==> flow/design.v <==
module alu_switch_v2 #(
  parameter int DWIDTH = 48,
  parameter int NIN = 2,
  parameter int SW = $clog2(NIN)
) (
  input logic ck,
  input logic rst_n,
  input logic [NIN*DWIDTH-1:0] ch,
  input logic [SW-1:0] sel,
  output logic [DWIDTH-1:0] z_o
);
  logic [NIN*DWIDTH-1:0] r_ch;
  always_ff @(posedge ck) begin
    if (!rst_n) begin
      r_ch <= 0;
    end else begin
      r_ch <= ch;
    end
  end
  logic [SW-1:0] r_sel;
  always_ff @(posedge ck) begin
    if (!rst_n) begin
      r_sel <= 0;
    end else begin
      r_sel <= sel;
    end
  end
  wire [DWIDTH-1:0] n_ [1:2*NIN-1];
  for (genvar ii = 0; ii < NIN; ii++) begin : g_bit
    assign n_[NIN+ii] = r_ch[ii*DWIDTH +: DWIDTH];
  end
  for (genvar ii = 1; ii < NIN; ii++) begin : slice
    assign n_[ii] = r_sel[SW - $clog2(ii+1)] ? n_[2*ii+1] : n_[2*ii];
  end
  assign z_o = n_[1];
endmodule
### Tool chain data of alu_switch_v2

The steps from the RTL of alu_switch_v2 to its reports follow in flow order.
Lines are those of the file above, counted from 1.
Library cell names are shortened.
A cell with n/a has no value.

| set-up | value |
|---|---|
| top module | alu_switch_v2 |
| clock port | ck |
| library | sky130hd |
| library corner | tt_025C_1v80 |

### Word level

Yosys after proc, flatten, opt, wreduce and memory -nomap, before mapping. Enables and synchronous resets that opt folds into registers are not counted as muxes. Print and check cells are not counted. Equal cells are merged and count once.

| bit counts | value |
|---|---|
| output and inout port bits | 48 |
| input bits | 99 |
| word-level cells | 3 |
| register bits after elaboration | 97 |

| cells by class | value |
|---|---|
| multiplexer cells | 1 |

Operator list:

| operator | number |
|---|---|
| 48-bit two-way mux | 1 |

### Depth

Longest topological path by Yosys (ltp), each cell counted once; first at word level (registers and memories cut), then after technology mapping (sequential cells cut; the memories' decode and read muxes count).

| depth | value |
|---|---|
| depth after elaboration | 1 |
| ABC_AREA | 0 |
| mapped depth | 3 |

### After synthesis

Yosys stat after the flow's synthesis: flattened, memories mapped to cells. It holds for the ABC_AREA given above (unset counts as 0); a run with the other value may have another netlist.

Cells by type:

| cell | number | area in all (um^2) |
|---|---|---|
| dfxtp_1 | 97 | 1.94E+03 |
| and2_1 | 97 | 606.832 |
| mux2_2 | 28 | 315.302 |
| mux2_4 | 20 | 300.288 |
| buf_6 | 3 | 33.782 |
| clkbuf_1 | 6 | 22.522 |
| buf_2 | 3 | 15.014 |
| clkbuf_2 | 3 | 15.014 |

| synthesis totals | value |
|---|---|
| flip-flops | 97 |
| mapped area | 3250.6 um^2 |
| area of sequential cells | 1941.9 um^2 |
| buffers | 15 |
| standard cells after synthesis | 257 |

### Timing after synthesis

Path of least setup slack by OpenSTA after synthesis, without wires, with an ideal clock, recovery checks aside; 20% of the period is set as input and as output delay. Where synthesis merged equal registers, the netlist keeps one of their names.

| path post-synthesis | value |
|---|---|
| path type | register to output |
| start point | reg r_sel |
| end point | out z_o[26] |
| path delay | 956 ps |
| driving pins on the path | 4 |
| path slack | 236 ps |
| time at the first pin | 0 ps |
| buffers on the path | 2 |
| arrival | 956 ps |
| output delay | 298 ps |
| clock period | 1490 ps |
| synthesis period reached | 1254 ps |

"path delay" = arrival - input delay + setup time.
At an output port there is no setup time.
"driving pins on the path": output pins that drive a net of the path, with the launching flip-flop's if there is one; two outputs of one cell count as two.
"synthesis period reached" = period - worst setup slack (recovery checks aside). The figure is calculated, with input and output delays left at 20% of the set period.
Between the ends stands the longest chain of elaborated cells between them, by number of cells; it is not shown to be the way that was timed. Of several equally long chains one is given.
A line is the first line of the expression or statement that the cell stems from. Yosys adds cells for indexed reads and writes and turns some case tables into memories.

| between the ends, post-synthesis | value |
|---|---|
| cell sequence | dfxtp_1 > buf_6 > buf_6 > mux2_4 |
| length of the longest elaborated chain | 1 |
| elaborated cells on any way between the ends | 1 |
| source lines of those cells | 1 |
| those cells by class | mux: 1 |

RTL lines, path post-synthesis:

| what | line | source |
|---|---|---|
| from (decl) | 20 | `logic [SW-1:0] r_sel;` |
| from (assign) | 23 | `r_sel <= 0;` |
| from (assign) | 25 | `r_sel <= sel;` |
| 48-bit two-way mux | 33 | `assign n_[ii] = r_sel[SW - $clog2(ii+1)] ? n_[2*ii+1] : n_[2*ii];` |
| to (decl) | 10 | `output logic [DWIDTH-1:0] z_o` |

### Timing after layout

From the final timing report of run B: the path of least setup slack in the routed layout; clock arrival at registers is part of the times.
The report prints the path's times to 10 ps; the period is as set.

| path after layout | value |
|---|---|
| path type | register to output |
| start point | reg r_sel |
| end point | out z_o[41] |
| driving pins on the path | 6 |
| output delay | 230 ps |
| buffers on the path | 4 |
| time at the first pin | 330 ps |
| arrival | 1520 ps |
| path slack | -590 ps |
| clock period | 1160 ps |

Between the ends stands the longest chain of elaborated cells between them, by number of cells; it is not shown to be the way that was timed. Of several equally long chains one is given.

| between the ends, after layout | value |
|---|---|
| cell sequence | dfxtp_4 > buf_12 > buf_12 > buf_12 > mux2_4 > buf_6 |
| length of the longest elaborated chain | 1 |
| elaborated cells on any way between the ends | 1 |
| source lines of those cells | 1 |
| those cells by class | mux: 1 |

RTL lines, path after layout:

| what | line | source |
|---|---|---|
| from (decl) | 20 | `logic [SW-1:0] r_sel;` |
| from (assign) | 23 | `r_sel <= 0;` |
| from (assign) | 25 | `r_sel <= sel;` |
| 48-bit two-way mux | 33 | `assign n_[ii] = r_sel[SW - $clog2(ii+1)] ? n_[2*ii+1] : n_[2*ii];` |
| to (decl) | 10 | `output logic [DWIDTH-1:0] z_o` |

Ticket comment

Below are 3 stored runs of the flow (Yosys, OpenROAD; platform sky130hd) on alu_switch_v2, each with its settings and what was measured, unordered. Constraints: input delay and output delay 20% of the set period each, output load 0.01 pF.
"achieved period": clock period set for the run, less the worst setup slack. It is reckoned from that one timing run; input and output delays stay at 20% of the period that was set.
"allowed time less slack (worst setup path)" is the time allowed to the run's worst setup path (the clock period less input and output delay, where it has them) less its slack. Clock arrival times count: a late capture clock shortens it, a late launch clock lengthens it.
By "total power after layout" is meant OpenSTA's value without simulated activity: inputs other than the clock are taken to toggle once in ten clock periods, and the tool carries that through the logic.
"allowed time less slack (worst setup path)" is given in steps of 10 ps.
A setting shown as - is not set for that run.
A result given as - is not shown for that run.

| run name | period_ns | CORE_UTILIZATION | SETUP_SLACK_MARGIN | PLACE_DENSITY_LB_ADDON | CELL_PAD_IN_SITES_GLOBAL_PLACEMENT | CELL_PAD_IN_SITES_DETAIL_PLACEMENT | ABC_AREA | CTS_CLUSTER_SIZE | MIN_ROUTING_LAYER | MAX_ROUTING_LAYER | CAP_MARGIN | CORE_MARGIN | SLEW_MARGIN | TNS_END_PERCENT | GPL_TIMING_DRIVEN | mapped cell area after synthesis (um^2) | area inside the die boundary (um^2) | standard-cell area after routing (um^2) | post-route utilization (%) | lowest setup slack (ps) | final setup TNS (ps) | worst hold slack in the final report (ps) | total power after layout (mW) | achieved period (ps) | allowed time less slack (worst setup path) (ps) | critical path kind |
|---|---|---|---|---|---|---|---|---|---|---|---|---|---|---|---|---|---|---|---|---|---|---|---|---|---|---|
| run A | 1.14 | 57 | 0.29 | 0.15 | 1 | 1 | 1 | 87 | met1 | met4 | 20 | 2 | 20 | - | - | - | - | - | - | - | - | - | - | - | - | - |
| run B | 1.16 | 23 | 0.03 | - | - | - | - | - | - | met4 | 20 | 2 | 0 | 40 | 0 | 3250.6 | 15099.5 | 5619.1 | 40.6 | -591 | -24341 | 267 | 7.773 | 1751 | 1520 | register to output |
| run C | 1.49 | 40 | - | - | - | - | - | - | - | - | 20 | 2 | 20 | - | - | 3250.6 | 8863.3 | 5387.7 | 69.0 | -321 | -12737 | 412 | 5.452 | 1811 | 1510 | register to output |

Run A: did not finish, placement stopped with FLW-0024
